==> flow/design.v <==
module sync_alu_arith #(
  parameter DATA_W = 8
) (
  input clk,
  input RST,
  input en,
  input [DATA_W-1:0] arg0,
  input [DATA_W-1:0] arg1,
  input mode,
  output [DATA_W:0] result
);
  reg [DATA_W-1:0] arg0_r;
  reg [DATA_W-1:0] arg1_r;
  reg mode_r;
  always @(posedge clk) begin
    if (RST) begin
      arg0_r <= 0;
      arg1_r <= 0;
      mode_r <= 1'b0;
    end else if (en) begin
      arg0_r <= arg0;
      arg1_r <= arg1;
      mode_r <= mode;
    end
  end
  assign result = mode_r ? arg0_r - arg1_r : arg0_r + arg1_r;
endmodule
# Step by step through the tools: sync_alu_arith
# A sweep over "DATA_W": the same steps for each member of the family.
# The RTL above is that of DATA_W 8; lines are counted from 1 in the file of the member named.
# Operators carry their Yosys type and port widths (W data, S select, Z words).
# Library cell names are shortened.
# A cell with -- has no value.
[inputs]
design = "sync_alu_arith"
clock_port = "clk"
cell_library = "sky130hd"
lib_corner = "tt_025C_1v80"

# Members of the sweep
# New or changed lines of each further member against the RTL above, in its own file; lines it lacks are not shown.
[changed_lines]
columns = ["DATA_W", "line", "source"]
rows = [
  [24, 2, "parameter DATA_W = 24"],
  [56, 2, "parameter DATA_W = 56"],
  [64, 2, "parameter DATA_W = 64"],
  [128, 2, "parameter DATA_W = 128"],
]

# Word-level counts
# Source: Yosys, flattened and elaborated, memories not mapped. Widths are those after wreduce; folded enables and synchronous resets count as part of the registers. Registers that Yosys merges into a memory's read port (data or address) are not register bits. Print and check cells do not count. Equal cells are merged and count once.
[bits]
columns = ["DATA_W", "reg_bits", "inputBits", "elab_cells"]
rows = [
  [8, 17, 20, 6],
  [24, 49, 52, 6],
  [56, 113, 116, 6],
  [64, 129, 132, 6],
  [128, 257, 260, 6],
]
[op_classes]
columns = ["DATA_W", "n_addsub", "n_mux"]
rows = [
  [8, 2, 1],
  [24, 2, 1],
  [56, 2, 1],
  [64, 2, 1],
  [128, 2, 1],
]
[op_table]
columns = ["DATA_W", "operators"]
rows = [
  [8, "$add A8 B8 Y9 (1); $sub A8 B8 Y9 (1); $mux W9 (1)"],
  [24, "$add A24 B24 Y25 (1); $sub A24 B24 Y25 (1); $mux W25 (1)"],
  [56, "$add A56 B56 Y57 (1); $sub A56 B56 Y57 (1); $mux W57 (1)"],
  [64, "$add A64 B64 Y65 (1); $sub A64 B64 Y65 (1); $mux W65 (1)"],
  [128, "$add A128 B128 Y129 (1); $sub A128 B128 Y129 (1); $mux W129 (1)"],
]

# Longest topological paths
# Yosys ltp: most cells in a row. Word level: on the elaborated netlist, between registers, memories and ports. Mapped: between sequential cells and ports; inverters and the memories' decode and read muxes count.
[logic_depth]
columns = ["DATA_W", "word_depth", "abc_area", "mapped_depth", "mapped_depth_nobuf"]
rows = [
  [8, 2, 0, 10, 10],
  [24, 2, 0, 16, 15],
  [56, 2, 0, 22, 21],
  [64, 2, 0, 21, 20],
  [128, 2, 0, 27, 25],
]

# Mapped cells and area
# Yosys stat after the flow's synthesis: flattened, memories mapped to cells. It holds for the ABC_AREA given above (unset counts as 0); a run with the other value may have another netlist.
# The area totals of this step are shown rounded.
[types]
columns = ["DATA_W", "type_list"]
rows = [
  [8, "dfxtp_1 (17); mux2i_1 (18); ha_1 (9); nor2_1 (27); xnor2_1 (8); inv_1 (9); a21oi_1 (6); nor2b_4 (2); o21a_1 (3); or4_1 (3); fa_1 (1); nor3_1 (4); o31a_1 (2); o21ai_0 (3); mux2_2 (1); buf_2 (2); nand3_1 (2); or4b_1 (1); (+12)"],
  [24, "dfxtp_1 (49); mux2i_1 (51); nor2_1 (88); xnor2_1 (36); ha_1 (25); a21oi_1 (33); o21ai_0 (18); nand2_1 (19); clkbuf_1 (17); inv_1 (17); xor2_1 (6); nor3_1 (9); a21o_1 (5); a31oi_1 (6); nand4_1 (6); nor4_1 (5); o21bai_1 (4); nand2b_1 (4); (+34)"],
  [56, "dfxtp_1 (113); mux2i_1 (114); xnor2_1 (84); nor2_1 (191); ha_1 (57); a21oi_1 (98); a21o_1 (36); nand2_1 (48); xor2_1 (20); inv_1 (40); o21ai_0 (30); nor3_1 (27); clkbuf_1 (34); nand4_1 (20); o21bai_1 (12); a31oi_1 (11); nand3_1 (13); and3_1 (9); (+113)"],
  [64, "dfxtp_1 (129); mux2i_1 (131); xnor2_1 (96); ha_1 (65); nor2_1 (200); a21oi_1 (107); xor2_1 (27); a21o_1 (31); nand2_1 (51); clkbuf_1 (46); o21ai_0 (32); o21bai_1 (18); nor3_1 (26); inv_1 (34); nand4_1 (18); a31oi_1 (13); nand3_1 (15); nor2b_1 (11); (+127)"],
  [128, "dfxtp_1 (257); mux2i_1 (258); xnor2_1 (189); nor2_1 (435); ha_1 (129); a21oi_1 (268); o21ai_0 (102); xor2_1 (58); nand2_1 (129); a21o_1 (61); clkbuf_1 (121); nand4_1 (72); o21bai_1 (37); inv_1 (71); nor3_1 (52); o21a_1 (29); a31oi_1 (31); nor4_1 (30); (+287)"],
]
# The mark (+n) counts cells that are not listed.
[mapped]
columns = ["DATA_W", "cell_count", "synth_area_um2", "seq_area_um2", "flip_flops", "buffers"]
rows = [
  [8, 130, 1100, 340, 17, 5],
  [24, 432, 3500, 980, 49, 22],
  [56, 1070, 8600, 2300, 113, 53],
  [64, 1177, 9600, 2600, 129, 60],
  [128, 2616, 20000, 5100, 257, 157],
]

# Timing after synthesis
# OpenSTA on the mapped netlist: ideal clock, no wires. The path of least setup slack (recovery checks aside). Input and output delay are each 20% of the period. Register names are those of the netlist, which keeps one name where synthesis merged equal registers.
[synth_timing]
columns = ["DATA_W", "path_kind", "start", "end", "tclk_ps", "setup_slack_ps", "path_stages", "delay_ps", "period_less_setup_slack_ps"]
rows = [
  [8, "register -> output", "reg arg1_r[0]", "out result[5]", 3440, 552, 10, 2200, 2888],
  [24, "register -> output", "reg arg1_r[2]", "out result[23]", 5000, 802, 14, 3198, 4198],
  [56, "register -> output", "reg arg1_r[0]", "out result[53]", 6720, 1072, 21, 4304, 5648],
  [64, "register -> output", "reg arg1_r[5]", "out result[57]", 7060, 1130, 20, 4518, 5930],
  [128, "register -> output", "reg arg1_r[58]", "out result[124]", 9080, 1454, 24, 5810, 7626],
]
# "delay_ps" is the arrival time less input delay plus setup time.
# A path that ends at an output port has no setup time.
# "path_stages" counts driving pins, that of a launching flip-flop among them; a cell with two outputs on the path counts twice.
# "period_less_setup_slack_ps" = period - worst setup slack (recovery checks aside). The figure is calculated, with input and output delays left at 20% of the set period.
# The rows between start and end are the longest chain of elaborated cells between them; the timing report does not say that the signal goes this way. Where chains are equally long, one stands for them.
# Each line given opens the expression or statement behind the cell; cells for indexed reads and writes are added by Yosys, which also makes memories of some case tables.
[synth_via_DATA_W_8]
elab_chain_cells = 2
[synth_lines_DATA_W_8]
columns = ["item", "line", "source"]
rows = [
  ["start, declared", 13, "reg [DATA_W-1:0] arg1_r;"],
  ["start, assigned", 18, "arg1_r <= 0;"],
  ["start, assigned", 22, "arg1_r <= arg1;"],
  ["$add A8 B8 Y9", 26, "assign result = mode_r ? arg0_r - arg1_r : arg0_r + arg1_r;"],
  ["$mux W9", 26, ""],
  ["end, declared", 10, "output [DATA_W:0] result"],
]
[synth_via_DATA_W_128]
elab_chain_cells = 2
[synth_lines_DATA_W_128]
columns = ["item", "line", "source"]
rows = [
  ["start, declared", 13, "reg [DATA_W-1:0] arg1_r;"],
  ["start, assigned", 18, "arg1_r <= 0;"],
  ["start, assigned", 22, "arg1_r <= arg1;"],
  ["$add A128 B128 Y129", 26, "assign result = mode_r ? arg0_r - arg1_r : arg0_r + arg1_r;"],
  ["$mux W129", 26, ""],
  ["end, declared", 10, "output [DATA_W:0] result"],
]

# Timing after layout
# Path of least setup slack in the final report of the run of each member (OpenROAD, finished layout, wires in). Where an end is a register, its clock arrival counts in the times.
# The report prints the path's times to 10 ps; the period is as set.
[layout_timing]
columns = ["DATA_W", "path_kind", "start", "end", "tclk_ps", "setup_slack_ps", "path_stages", "arrival_time_ps", "n_path_buf"]
rows = [
  [8, "register -> output", "reg arg1_r[0]", "out result[6]", 3440, 110, 11, 2640, 1],
  [24, "register -> output", "reg arg1_r[4]", "out result[22]", 5000, 100, 16, 3900, 2],
  [56, "register -> output", "reg arg1_r[5]", "out result[39]", 6720, 240, 19, 5140, 2],
  [64, "register -> output", "reg arg1_r[5]", "out result[62]", 7060, 130, 21, 5510, 3],
  [128, "register -> output", "reg arg1_r[58]", "out result[123]", 9080, 260, 23, 7000, 2],
]

# Measured runs
# Settings and results of one run of the flow (Yosys, OpenROAD) for each member follow. The constraints put input and output delay at 20% of the set period each and load the outputs with 0.01 pF.
[flow_settings]
CAP_MARGIN = 20
CORE_MARGIN = 2
CORE_UTILIZATION = 40
SLEW_MARGIN = 20
[settings_by_member]
columns = ["DATA_W", "period_ns"]
rows = [
  [8, 3.44],
  [24, 5.0],
  [56, 6.72],
  [64, 7.06],
  [128, 9.08],
]
[results]
columns = ["DATA_W", "post_synth_area_um2", "design_die_area_um2", "final_stdcell_area_um2", "finish.utilization_frac", "setup_worst_slack_ps", "final_setup_tns_ps", "final_hold_ws_ps", "power_total_mw", "achievedPeriod_ps"]
rows = [
  [8, 1100, 3300, 1500, 0.57, 110, 0, 500, 0.66, 3329],
  [24, 3500, 9400, 4600, 0.54, 95, 0, 510, 1.3, 4905],
  [56, 8600, 23000, 11000, 0.54, 240, 0, 490, 2.6, 6483],
  [64, 9600, 25000, 13000, 0.55, 130, 0, 500, 2.8, 6925],
  [128, 20000, 53000, 26000, 0.52, 260, 0, 500, 4.3, 8821],
]
# "achievedPeriod_ps" means the clock period less the worst setup slack. The figure is calculated, with input and output delays left at 20% of the set period.
# "power_total_mw" rests on the timing tool's default activity at the inputs, not on a simulated workload.
# The measured numbers are rounded.
